==> flow/design.v <==
module sel_unit_v2 #(
   parameter XLEN = 16,
   parameter N = 4,
   parameter LG = $clog2(N)
) (
   input  clk_i,
   input  rst,
   input  enable,
   input  [N*XLEN-1:0] i_din,
   input  [LG-1:0] i_addr,
   output reg [XLEN-1:0] o_data_out
);
   reg [N*XLEN-1:0] din_ff;
   always @(posedge clk_i or posedge rst) begin
      if (rst) begin
         din_ff <= 0;
      end else if (enable) begin
         din_ff <= i_din;
      end
   end
   reg [LG-1:0] addr_ff;
   always @(posedge clk_i or posedge rst) begin
      if (rst) begin
         addr_ff <= 0;
      end else if (enable) begin
         addr_ff <= i_addr;
      end
   end
   localparam H = N / 2;
   reg [XLEN-1:0] lsb_ff;
   always @(posedge clk_i or posedge rst) begin
      if (rst) begin
         lsb_ff <= 0;
      end else if (enable) begin
         lsb_ff <= din_ff[addr_ff[LG-2:0]*XLEN +: XLEN];
      end
   end
   reg [XLEN-1:0] msb_ff;
   always @(posedge clk_i or posedge rst) begin
      if (rst) begin
         msb_ff <= 0;
      end else if (enable) begin
         msb_ff <= din_ff[(H + addr_ff[LG-2:0])*XLEN +: XLEN];
      end
   end
   reg addr_ff_d;
   always @(posedge clk_i or posedge rst) begin
      if (rst) begin
         addr_ff_d <= 1'b0;
      end else if (enable) begin
         addr_ff_d <= addr_ff[LG-1];
      end
   end
   always @(posedge clk_i or posedge rst) begin
      if (rst) begin
         o_data_out <= 0;
      end else if (enable) begin
         o_data_out <= addr_ff_d ? msb_ff : lsb_ff;
      end
   end
endmodule
Appendix: tool output

Step by step through the tools: sel_unit_v2 --
Module sel_unit_v2 in several versions that differ in "N"; each step lists the members. The RTL above is that of N=4; lines are counted from 1 in the file of the member named. Operators carry their Yosys type and port widths (W data, S select, Z words). Library cell names are shortened. A cell with n/a has no value.
Set-up: top module sel_unit_v2, clock clk_i, cell library sky130hd, corner tt_025C_1v80

Source of the members --
Lines of each other member's file that are new or changed against the file above; lines that a member lacks are not shown.
New or changed lines:
- N 8 | line 3 | parameter N = 8,
- N 16 | line 3 | parameter N = 16,
- N 32 | line 3 | parameter N = 32,
- N 64 | line 3 | parameter N = 64,

Word-level counts --
Source: Yosys, flattened and elaborated, memories not mapped. Widths are those after wreduce; folded enables and synchronous resets count as part of the registers. Registers that Yosys merges into a memory's read port (data or address) are not register bits. Print and check cells do not count. Equal cells are merged and count once.
Word-level totals:
- N 4 | flip-flop bits (word level) 115, input port bits 69, output and inout bits 16, elaborated cells 10
- N 8 | flip-flop bits (word level) 180, input port bits 134, output and inout bits 16, elaborated cells 10
- N 16 | flip-flop bits (word level) 309, input port bits 263, output and inout bits 16, elaborated cells 10
- N 32 | flip-flop bits (word level) 566, input port bits 520, output and inout bits 16, elaborated cells 10
- N 64 | flip-flop bits (word level) 1079, input port bits 1033, output and inout bits 16, elaborated cells 10
Cells by class:
- N 4 | add/subtract/negate cells 1, shift-type cells 2, mux-type cells 1
- N 8 | add/subtract/negate cells 1, shift-type cells 2, mux-type cells 1
- N 16 | add/subtract/negate cells 1, shift-type cells 2, mux-type cells 1
- N 32 | add/subtract/negate cells 1, shift-type cells 2, mux-type cells 1
- N 64 | add/subtract/negate cells 1, shift-type cells 2, mux-type cells 1
Operator list (kinds with counts):
- N 4 | 1 x $shiftx A64 B6 Y16; 1 x $shiftx A64 B8 Y16; 1 x $mux W16; 1 x $add A2 B1 Y3 const A
- N 8 | 1 x $shiftx A128 B7 Y16; 1 x $shiftx A128 B9 Y16; 1 x $mux W16; 1 x $add A3 B2 Y4 const A
- N 16 | 1 x $shiftx A256 B10 Y16; 1 x $shiftx A256 B8 Y16; 1 x $mux W16; 1 x $add A4 B3 Y5 const A
- N 32 | 1 x $shiftx A512 B11 Y16; 1 x $shiftx A512 B9 Y16; 1 x $mux W16; 1 x $add A5 B4 Y6 const A
- N 64 | 1 x $shiftx A1024 B10 Y16; 1 x $shiftx A1024 B12 Y16; 1 x $mux W16; 1 x $add A6 B5 Y7 const A

Depth --
Longest topological path by Yosys (ltp), each cell counted once; first at word level (registers and memories cut), then after technology mapping (sequential cells cut; the memories' decode and read muxes count).
Logic depth:
- N 4 | depth in word-level cells 2, ABC_AREA 0, mapped depth 5, mapped depth without buffers 2
- N 8 | depth in word-level cells 2, ABC_AREA 0, mapped depth 5, mapped depth without buffers 2
- N 16 | depth in word-level cells 2, ABC_AREA 0, mapped depth 6, mapped depth without buffers 3
- N 32 | depth in word-level cells 2, ABC_AREA 0, mapped depth 6, mapped depth without buffers 3
- N 64 | depth in word-level cells 2, ABC_AREA 0, mapped depth 8, mapped depth without buffers 5

Mapped cells and area --
Source: synth_stat.txt of the flow (Yosys; design flattened, memories mapped). It holds for the ABC_AREA given above (unset counts as 0); a run with the other value may have another netlist.
Mapped netlist:
- N 4 | mapped cells 351, cell area after synthesis 4773.3 µm², area of sequential cells 2877.8 µm², mapped flip-flops 115, buffers 24
- N 8 | mapped cells 528, cell area after synthesis 8110.3 µm², area of sequential cells 4504.3 µm², mapped flip-flops 180, buffers 37
- N 16 | mapped cells 988, cell area after synthesis 13839.5 µm², area of sequential cells 7732.4 µm², mapped flip-flops 309, buffers 78
- N 32 | mapped cells 1505, cell area after synthesis 24996.5 µm², area of sequential cells 14163.6 µm², mapped flip-flops 566, buffers 113
- N 64 | mapped cells 3377, cell area after synthesis 48560.3 µm², area of sequential cells 27000.9 µm², mapped flip-flops 1079, buffers 250
Cell types (type and count):
- N 4 | 115 x dfrtp_1; 67 x mux2_2; 48 x mux2i_1; 48 x a21oi_1; 48 x nor2_1; 15 x buf_6; 6 x buf_2; 2 x buf_8; 1 x buf_4; 1 x inv_1
- N 8 | 180 x dfrtp_1; 100 x mux2_4; 80 x mux2i_1; 32 x mux2_1; 32 x o221ai_1; 19 x buf_6; 33 x nand2b_1; 16 x a21oi_1; 13 x buf_2; 16 x nor2_1; 3 x buf_4; 2 x clkbuf_1; 1 x inv_1; 1 x nand2_1
- N 16 | 309 x dfrtp_1; 219 x mux2_2; 112 x mux2i_1; 42 x mux2_1; 65 x nor2b_1; 32 x a41o_1; 32 x a211o_1; 32 x a22oi_1; 44 x buf_2; 32 x nand3_1; 13 x buf_6; 16 x a21oi_1; 16 x nor2_1; 7 x buf_4; 13 x clkbuf_1; 1 x nand2b_4; 1 x clkbuf_4; 1 x nor2_2; 1 x inv_1
- N 32 | 566 x dfrtp_1; 515 x mux2_2; 121 x mux4_2; 48 x mux2i_1; 30 x a221oi_2; 64 x buf_2; 32 x o22ai_1; 7 x mux4_1; 48 x nor2_1; 8 x buf_6; 16 x a21oi_1; 20 x clkbuf_1; 9 x buf_4; 4 x buf_8; 3 x mux2_1; 7 x buf_1; 1 x buf_12; 2 x a221oi_1; (+4)
- N 64 | 1079 x dfrtp_1; 1063 x mux2_2; 528 x mux2i_1; 256 x a22oi_1; 144 x a21oi_1; 79 x buf_2; 100 x clkbuf_1; 30 x buf_4; 18 x buf_6; 32 x nor4_1; 5 x buf_8; 17 x nor2_1; 15 x buf_1; 3 x clkbuf_4; 2 x nand2b_1; 2 x nor2b_1; 1 x and2_1; 1 x or2_2; (+2)
The mark (+n) counts cells that are not listed.

Path before layout --
Path of least setup slack by OpenSTA after synthesis, without wires, with an ideal clock, recovery checks aside; 20% of the period is set as input and as output delay. Where synthesis merged equal registers, the netlist keeps one of their names.
Timing path after synthesis:
- N 4 | path type flip-flop to flip-flop, start point reg (no name shown), end point reg addr_ff[0], period 1.26 ns, setup slack 0.250 ns, stages 4, delay of the path 1.010 ns, synthesis period reached 1.01 ns
- N 8 | path type input port to flip-flop, start point in enable, end point reg addr_ff[0], period 1.38 ns, setup slack 0.259 ns, stages 4, delay of the path 0.845 ns, synthesis period reached 1.121 ns
- N 16 | path type flip-flop to flip-flop, start point reg addr_ff[0], end point reg msb_ff[10], period 1.73 ns, setup slack 0.344 ns, stages 6, delay of the path 1.385 ns, synthesis period reached 1.386 ns
- N 32 | path type flip-flop to flip-flop, start point reg addr_ff[2], end point reg lsb_ff[10], period 1.99 ns, setup slack 0.397 ns, stages 5, delay of the path 1.592 ns, synthesis period reached 1.593 ns
- N 64 | path type input port to flip-flop, start point in enable, end point reg din_ff[517], period 2.07 ns, setup slack 0.331 ns, stages 5, delay of the path 1.325 ns, synthesis period reached 1.739 ns
"delay of the path" = arrival - input delay + setup time. "stages": output pins that drive a net of the path, with the launching flip-flop's if there is one; two outputs of one cell count as two. "synthesis period reached" = period - worst setup slack (recovery checks aside). The figure is calculated, with input and output delays left at 20% of the set period.
RTL lines, path after synthesis, N=4:
- end: assignment | line 24 | addr_ff <= 0;
- end: assignment | line 26 | addr_ff <= i_addr;
- end: declaration | line 21 | reg [LG-1:0] addr_ff;
N=4: Chain of elaborated cells between the ends: none given.
On the way, after synthesis, N=64: cells in the longest elaborated chain 0
RTL lines, path after synthesis, N=64:
- start: declaration | line 8 | input  enable,
- end: assignment | line 16 | din_ff <= 0;
- end: assignment | line 18 | din_ff <= i_din;
- end: declaration | line 13 | reg [N*XLEN-1:0] din_ff;

Timing after layout --
Path of least setup slack in the final report of each member's run (OpenROAD, finished layout, wires in). Where an end is a register, its clock arrival counts in the times.
Timing path after layout:
- N 4 | path type flip-flop to output port, start point reg o_data_out[13], end point out o_data_out[13], period 1.26 ns, setup slack 0.08 ns, stages 2, arrival 0.93 ns, path buffers 1
- N 8 | path type flip-flop to output port, start point reg o_data_out[2], end point out o_data_out[2], period 1.38 ns, setup slack 0.04 ns, stages 2, arrival 1.07 ns, path buffers 1
- N 16 | path type flip-flop to flip-flop, start point reg addr_ff[1], end point reg lsb_ff[0], period 1.73 ns, setup slack 0.05 ns, stages 4, arrival 2.07 ns, path buffers 0
- N 32 | path type flip-flop to flip-flop, start point reg addr_ff[2], end point reg msb_ff[4], period 1.99 ns, setup slack 0.05 ns, stages 7, arrival 2.39 ns, path buffers 3
- N 64 | path type flip-flop to flip-flop, start point reg addr_ff[0], end point reg msb_ff[15], period 2.07 ns, setup slack -0.17 ns, stages 9, arrival 2.82 ns, path buffers 3

Flow runs --
One run of the flow (Yosys, OpenROAD) for each member, with settings and measured results. Input and output delays are each 20% of the period that was set; the output load is 0.01 pF.
Flow settings: CAP_MARGIN 20, CORE_MARGIN 2, CORE_UTILIZATION 40, SLEW_MARGIN 20
Settings by member (period_ns):
- N 4 | 1.26
- N 8 | 1.38
- N 16 | 1.73
- N 32 | 1.99
- N 64 | 2.07
Final reports:
- N 4 | Yosys chip area after synthesis 4773.3 µm², full die area 12823.3 µm², standard-cell area after layout 6339.8 µm², final design utilization 0.551, smallest setup slack 0.079 ns, final setup TNS 0.000 ns, achieved clock period 1.181 ns
- N 8 | Yosys chip area after synthesis 8110.3 µm², full die area 21430.0 µm², standard-cell area after layout 10566.4 µm², final design utilization 0.527, smallest setup slack 0.038 ns, final setup TNS 0.000 ns, achieved clock period 1.342 ns
- N 16 | Yosys chip area after synthesis 13839.5 µm², full die area 36101.9 µm², standard-cell area after layout 18489.0 µm², final design utilization 0.539, smallest setup slack 0.047 ns, final setup TNS 0.000 ns, achieved clock period 1.683 ns
- N 32 | Yosys chip area after synthesis 24996.5 µm², full die area 64505.8 µm², standard-cell area after layout 34172.8 µm², final design utilization 0.554, smallest setup slack 0.048 ns, final setup TNS 0.000 ns, achieved clock period 1.942 ns
- N 64 | Yosys chip area after synthesis 48560.3 µm², full die area 124203.0 µm², standard-cell area after layout 69123.8 µm², final design utilization 0.575, smallest setup slack -0.169 ns, final setup TNS -3.810 ns, achieved clock period 2.239 ns
"achieved clock period": clock period set for the run, less the worst setup slack. It is reckoned from that one timing run; input and output delays stay at 20% of the period that was set.
